==> flow/design.v <==
module gen_relation #(
   parameter BITS = 18
) (
   input wire clk_i,
   input wire [BITS-1:0] i_x,
   input wire [BITS-1:0] i_y,
   output reg o_equal
);
   reg [BITS-1:0] x_q;
   reg [BITS-1:0] y_q;
   always @(posedge clk_i) begin
      x_q <= i_x;
      y_q <= i_y;
   end
   wire [BITS-1:0] work = x_q ^ y_q;
   always @(posedge clk_i)
      o_equal <= ~|work;
endmodule
# == Tool chain data of gen_relation ==
# What the tools print for gen_relation, step after step.
# Lines are those of the file above, counted from 1.
# Library cell names are shortened.
# A cell with n/a has no value.
# inputs
top_module,gen_relation
clock_port,clk_i
lib,sky130hd
corner,tt_025C_1v80

# == After elaboration ==
# Source: Yosys, flattened and elaborated, memories not mapped. Widths are those after wreduce; folded enables and synchronous resets count as part of the registers. Registers that Yosys merges into a memory's read port (data or address) are not register bits. Print and check cells do not count. Equal cells are merged and count once.
# op_classes
logic,1
n_reduce_logical,2
# op_table
cell,count
18-bit bitwise XOR,1
18-bit OR reduction,1
1-bit zero test,1
# word_totals
output_inout_bits,1
inputBits,37
ff_bits,37
wordCells,6

# == Longest topological paths ==
# Depth = most cells in a row (Yosys ltp): at word level without a register or memory, in the mapped netlist without a sequential cell, where the memories' decode and read muxes count.
# depth
ltp_word,3
ABC_AREA,0
mapped_depth,4
depth_no_buf,4

# == After synthesis ==
# The flow's flattened synthesis, as Yosys stat reports it; memories are mapped. The netlist is that of the ABC_AREA named above (0 if unset); the other value can give another one.
# The area totals of this step are shown rounded.
# types
cell_type,count,type_area_um2
dfxtp_1,37,740.71
xor2_1,14,122.618
xnor2_1,4,35.034
nor4_1,3,18.768
nor4_2,1,12.512
nand4_1,1,6.256
nand3_1,1,5.005
# mapped
yosys_area_mm2,0.0009409
ff_cells,37
cell_count,61
seqArea_mm2,0.0007407
buffers,0

# == Path before layout ==
# Source: OpenSTA report_checks on the synthesized netlist (no wires, ideal clock, input and output delay 20% of the period each), path of least setup slack; recovery checks are left aside. Register names are those of the netlist, which keeps one name where synthesis merged equal registers.
# synth_path
path_type,reg-to-reg
start,reg y_q[11]
end,reg o_equal
driving_pins,5
path_buffers,0
path_slack_ns,0.282
setup_ns,0.088
clock_period_ns,1.41
launch_ns,0.000
t_required_ns,1.322
t_arrival_ns,1.040
delay_ns,1.128
period_less_setup_slack_ns,1.128
# "delay_ns" = arrival - input delay + setup time.
# "driving_pins": output pins that drive a net of the path, with the launching flip-flop's if there is one; two outputs of one cell count as two.
# "period_less_setup_slack_ns" = period - worst setup slack (recovery checks aside). The figure is calculated, with input and output delays left at 20% of the set period.
# Between the ends stands the longest chain of elaborated cells between them, by number of cells; it is not shown to be the way that was timed. Of several equally long chains one is given.
# Each line given opens the expression or statement behind the cell; cells for indexed reads and writes are added by Yosys, which also makes memories of some case tables.
# synth_via
path_cell_list,dfxtp_1 -> xor2_1 -> nor4_1 -> nand3_1 -> nor4_2
elab_chain_cells,3
cone_cells,3
lines_between,2
classes_between,logic (1); reduce/logical (2)
# synth_lines
element,line_no,source
start: declaration,10,reg [BITS-1:0] y_q;
start: assignment,13,y_q <= i_y;
18-bit bitwise XOR,15,wire [BITS-1:0] work = x_q ^ y_q;
18-bit OR reduction,17,o_equal <= ~|work;
1-bit zero test,17,
end: assignment,17,
end: declaration,7,output reg o_equal

# == Timing after layout ==
# From the final timing report of flow run A: the path of least setup slack in the routed layout; clock arrival at registers is part of the times.
# layout_path
path_type,reg-to-reg
start,reg y_q[5]
end,reg o_equal
setup_ns,0.07
path_buffers,0
t_required_ns,1.66
launch_ns,0.32
driving_pins,5
t_arrival_ns,1.51
path_slack_ns,0.14
clock_period_ns,1.41
# Between the ends stands the longest chain of elaborated cells between them, by number of cells; it is not shown to be the way that was timed. Of several equally long chains one is given.
# layout_via
path_cell_list,dfxtp_1 -> xor2_1 -> nor4_1 -> nand3_1 -> nor4_2
elab_chain_cells,3
cone_cells,3
lines_between,2
classes_between,logic (1); reduce/logical (2)
# layout_lines
element,line_no,source
start: declaration,10,reg [BITS-1:0] y_q;
start: assignment,13,y_q <= i_y;
18-bit bitwise XOR,15,wire [BITS-1:0] work = x_q ^ y_q;
18-bit OR reduction,17,o_equal <= ~|work;
1-bit zero test,17,
end: assignment,17,
end: declaration,7,output reg o_equal

# Below are 3 stored runs of the flow (Yosys, OpenROAD; platform sky130hd) on gen_relation, each with its settings and what was measured, unordered. Constraints: input delay and output delay 20% of the set period each, output load 0.01 pF.
# "achievedPeriod_ns" is the run's clock period less its worst setup slack. It is reckoned from that one timing run; input and output delays stay at 20% of the period that was set.
# "timing.worst_path_ns" = time allowed to the worst setup path (clock period - input delay - output delay, where it has them) - its slack; a late launch clock adds to it, a late capture clock takes from it.
# "final_power_uw" rests on the timing tool's default activity at the inputs, not on a simulated workload.
# Results are given in rounded form.
# Settings: . = not set for that run.
run name,period_ns,CAP_MARGIN,CORE_MARGIN,CORE_UTILIZATION,SLEW_MARGIN,SETUP_SLACK_MARGIN,HOLD_SLACK_MARGIN,CORE_ASPECT_RATIO,CELL_PAD_IN_SITES_GLOBAL_PLACEMENT,GPL_TIMING_DRIVEN,CTS_CLUSTER_DIAMETER,MAX_ROUTING_LAYER,PLACE_DENSITY_LB_ADDON,CELL_PAD_IN_SITES_DETAIL_PLACEMENT,TNS_END_PERCENT,GPL_ROUTABILITY_DRIVEN,MIN_ROUTING_LAYER,achievedPeriod_ns,worst_hold_slack_ns,final_die_area_mm2,yosys_chip_area_mm2,worst_setup_slack_ns,timing.worst_path_ns,worst_setup_path_type,final_power_uw,finish.stdcell_area_mm2
flow run A,1.41,20,2,40,20,.,.,.,.,.,.,.,.,.,.,.,.,1.267,0.391,0.002756,0.0009409,0.143,1.27,reg-to-reg,1752,0.001396
flow run B,0.94,25,10,48,20,-0.02,0.27,1.51,0,0,125,met4,.,.,.,.,.,1.153,0.276,0.004169,0.0009409,-0.213,1.15,reg-to-reg,2879,0.001546
flow run C,0.7,20,3,38,25,0.16,0.2,.,.,0,.,.,0.23,2,35,1,met2,1.316,0.199,0.003109,0.0009409,-0.616,1.32,reg-to-reg,4315,0.001456
